==> flow/design.v <==
module dp_ram_block_rtl (ck, write, wsel, wr_data, ra, rd);
  parameter NREGS = 8;
  parameter W = 2;
  localparam ADDR_WIDTH = $clog2(NREGS);
  input ck;
  input write;
  input [ADDR_WIDTH-1:0] wsel;
  input [W-1:0] wr_data;
  input [ADDR_WIDTH-1:0] ra;
  output [W-1:0] rd;
  reg [W-1:0] array [0:NREGS-1];
  always @(posedge ck) begin
    if (write)
      array[wsel] <= wr_data;
  end
  assign rd = array[ra];
endmodule
======== Reports on dp_ram_block_rtl ========
Tool output for the design above, in the order of the flow.
Line numbers count from 1 in the design file above.
Library cell names are shortened.
The mark n/a stands for no value.
inputs
  design top .............................. dp_ram_block_rtl
  clock ................................... ck
  library ................................. sky130hd
  timing corner ........................... tt_025C_1v80

======== Word-level counts ========
Yosys after proc, flatten, opt, wreduce and memory -nomap, before mapping. Enables and synchronous resets that opt folds into registers are not counted as muxes. Memory bits, and registers merged into a memory's read port (data or address), are not among the register bits. Print and check cells are not counted. Equal cells are merged and count once.
Yosys's memory passes give these memory sizes; they may raise the number of words (mostly to a power of two), join words into wider ones and drop unused or constant bits.
bit counts
  register bits after elaboration ......... 0
  bits in latches ......................... 0
  bits in writable memories ............... 16
  memory bits (read-only) ................. 0
  word width x clocked read ports ......... 0
  memories ................................ 1
  input port bits ......................... 10
  output and inout port bits .............. 2
  word-level cells ........................ 4
memories
  memory  words  bits a word  rd ports  wr ports  RTL line  RTL
  array   8      2            1         1         11        reg [W-1:0] array [0:NREGS-1];
cells by class
  add/sub/neg operators ................... 0
  multiply operators ...................... 0
  div/mod/pow operators ................... 0
  magnitude comparators ................... 0
  eq/ne operators ......................... 0
  shift-type cells ........................ 0
  muxes and demuxes ....................... 3
  bitwise operators ....................... 0
  reductions and logical operators ........ 0
operators by type and width
  cell               count
  two-way mux 3 bit  1
  two-way mux 2 bit  1
  two-way mux 1 bit  1

======== Longest topological paths ========
Yosys ltp: most cells in a row. Word level: on the elaborated netlist, between registers, memories and ports. Mapped: between sequential cells and ports; inverters and the memories' decode and read muxes count.
logic depth
  depth in word-level cells ............... 1
  ABC_AREA ................................ 0
  mapped depth ............................ 2
  mapped depth without buffers ............ 2

======== Mapped cells and area ========
The flow's flattened synthesis, as Yosys stat reports it; memories are mapped. The netlist is that of the ABC_AREA named above (0 if unset); the other value can give another one.
Totals and module areas in this step are rounded.
cells by type
  type      count  total area (µm²)
  edfxtp_1  16     480.461
  mux4_1    4      105.101
  mux2_2    2      22.522
  nor2_1    6      22.522
  nand2b_1  3      18.768
  nor3_1    2      10.01
  nand2_1   2      7.507
mapped netlist
  standard cells after synthesis .......... 35
  mapped area ............................. 667 µm²
  sequential part of the area ............. 480 µm²
  flip-flops .............................. 16
  buffer cells ............................ 0

======== Path before layout ========
Path of least setup slack by OpenSTA after synthesis, without wires, with an ideal clock, recovery checks aside; 20% of the period is set as input and as output delay. Where synthesis merged equal registers, the netlist keeps one of their names.
timing path post-synthesis
  path type ............................... input-to-output
  start point ............................. in ra[0]
  end point ............................... out rd[0]
  clock period ............................ 1.72 ns
  external input delay .................... 0.344 ns
  output delay ............................ 0.344 ns
  launch time at the first pin ............ 0.344 ns
  arrival time ............................ 1.146 ns
  data required time ...................... 1.376 ns
  slack ................................... 0.230 ns
  delay of the path ....................... 0.802 ns
  stages on the path ...................... 2
  path buffers ............................ 0
  synthesis period reached ................ 1.49 ns
"delay of the path" is the arrival time less input delay plus setup time.
A path that ends at an output port has no setup time.
"stages on the path": output pins that drive a net of the path, with the launching flip-flop's if there is one; two outputs of one cell count as two.
"synthesis period reached" = period - worst setup slack (recovery checks aside). The figure is calculated, with input and output delays left at 20% of the set period.
Between the ends stands the longest chain of elaborated cells between them, by number of cells; it is not shown to be the way that was timed. Of several equally long chains one is given.
Each line given opens the expression or statement behind the cell; cells for indexed reads and writes are added by Yosys, which also makes memories of some case tables.
A memory read counts as a cell of the chain, while the word-level depth stops at memories.
between the ends, post-synthesis
  cell sequence ........................... mux4_1 mux2_2
  length of the longest elaborated chain .. 1
  elaborated cells on any way between the ends .. 1
  source lines of those cells ............. 1
  classes of those cells .................. 1 x memory
ends and longest elaborated chain, post-synthesis
  item                     RTL line  RTL
  start: declaration       9         input [ADDR_WIDTH-1:0] ra;
  memory read (8 x 2 bit)  11        reg [W-1:0] array [0:NREGS-1];
  end: declaration         10        output [W-1:0] rd;

======== Worst path after layout ========
Path of least setup slack in the final report of run A (OpenROAD, finished layout, wires in). Where an end is a register, its clock arrival counts in the times.
timing path after layout
  path type ............................... input-to-output
  start point ............................. in ra[0]
  end point ............................... out rd[1]
  clock period ............................ 2.37 ns
  external input delay .................... 0.47 ns
  output delay ............................ 0.47 ns
  launch time at the first pin ............ 0.47 ns
  arrival time ............................ 1.83 ns
  data required time ...................... 1.90 ns
  slack ................................... 0.07 ns
  stages on the path ...................... 4
  path buffers ............................ 2
Between the ends stands the longest chain of elaborated cells between them, by number of cells; it is not shown to be the way that was timed. Of several equally long chains one is given.
A memory read counts as a cell of the chain, while the word-level depth stops at memories.
between the ends, after layout
  cell sequence ........................... clkdlybuf4s15_2 mux4_1 mux2_2 dlygate4sd2_1
  length of the longest elaborated chain .. 1
  elaborated cells on any way between the ends .. 1
  source lines of those cells ............. 1
  classes of those cells .................. 1 x memory
ends and longest elaborated chain, after layout
  item                     RTL line  RTL
  start: declaration       9         input [ADDR_WIDTH-1:0] ra;
  memory read (8 x 2 bit)  11        reg [W-1:0] array [0:NREGS-1];
  end: declaration         10        output [W-1:0] rd;

Subject: flow runs of dp_ram_block_rtl

Hi,

Measured data: module dp_ram_block_rtl, platform sky130hd, 3 stored runs of the flow under differing settings, order arbitrary. Input and output delays are each 20% of the period that was set; the output load is 0.01 pF.
By "clock period reached" is meant the clock period of the run minus its worst setup slack. This is arithmetic on one report: input and output delays are still those of the set period (20% each).
"time of the worst setup path" = time allowed to the worst setup path (clock period - input delay - output delay, where it has them) - its slack; a late launch clock adds to it, a late capture clock takes from it.
"power consumption": no workload was simulated; the value follows from the tool's default switching activity.
The measured numbers are rounded.

---- run A ----
settings
  period_ns = 2.37
  CORE_UTILIZATION = 58
  PLACE_DENSITY_LB_ADDON = 0.19
  GPL_TIMING_DRIVEN = 0
  CTS_CLUSTER_DIAMETER = 233
  SLEW_MARGIN = 25
  MIN_ROUTING_LAYER = met2
  CAP_MARGIN = 20
  CORE_MARGIN = 2
results
  chip area after synthesis (Yosys) ....... 667 µm²
  area of the die ......................... 1,440 µm²
  standard-cell area after routing ........ 818 µm²
  utilization in the final report ......... 74.7 %
  lowest setup slack ...................... 0.070 ns
  final setup TNS ......................... 0.000 ns
  final worst hold slack .................. 0.976 ns
  power consumption ....................... 510 uW
  clock period reached .................... 2.300 ns
  time of the worst setup path ............ 1.35 ns
  kind of the worst setup path ............ input-to-output

---- run B ----
settings
  period_ns = 1.72
  CAP_MARGIN = 20
  CORE_MARGIN = 2
  CORE_UTILIZATION = 40
  SLEW_MARGIN = 20
results
  chip area after synthesis (Yosys) ....... 667 µm²
  area of the die ......................... 2,010 µm²
  standard-cell area after routing ........ 812 µm²
  utilization in the final report ......... 52.7 %
  lowest setup slack ...................... -0.148 ns
  final setup TNS ......................... -0.292 ns
  final worst hold slack .................. 0.831 ns
  power consumption ....................... 707 uW
  clock period reached .................... 1.868 ns
  time of the worst setup path ............ 1.52 ns
  kind of the worst setup path ............ reg-to-output

---- run C ----
settings
  period_ns = 1.3
  CORE_UTILIZATION = 28
  SETUP_SLACK_MARGIN = 0.28
  PLACE_DENSITY_LB_ADDON = 0.04
  CORE_ASPECT_RATIO = 0.59
  CORE_MARGIN = 2
  CELL_PAD_IN_SITES_GLOBAL_PLACEMENT = 1
  CELL_PAD_IN_SITES_DETAIL_PLACEMENT = 0
  GPL_ROUTABILITY_DRIVEN = 1
  CTS_CLUSTER_DIAMETER = 169
  CAP_MARGIN = 35
  SLEW_MARGIN = 25
  MAX_ROUTING_LAYER = met4
results
  chip area after synthesis (Yosys) ....... 667 µm²
  area of the die ......................... 2,800 µm²
  standard-cell area after routing ........ 880 µm²
  utilization in the final report ......... 39.5 %
  lowest setup slack ...................... -0.461 ns
  final setup TNS ......................... -0.893 ns
  final worst hold slack .................. 0.576 ns
  power consumption ....................... 1,050 uW
  clock period reached .................... 1.761 ns
  time of the worst setup path ............ 1.50 ns
  kind of the worst setup path ............ reg-to-output

Regards
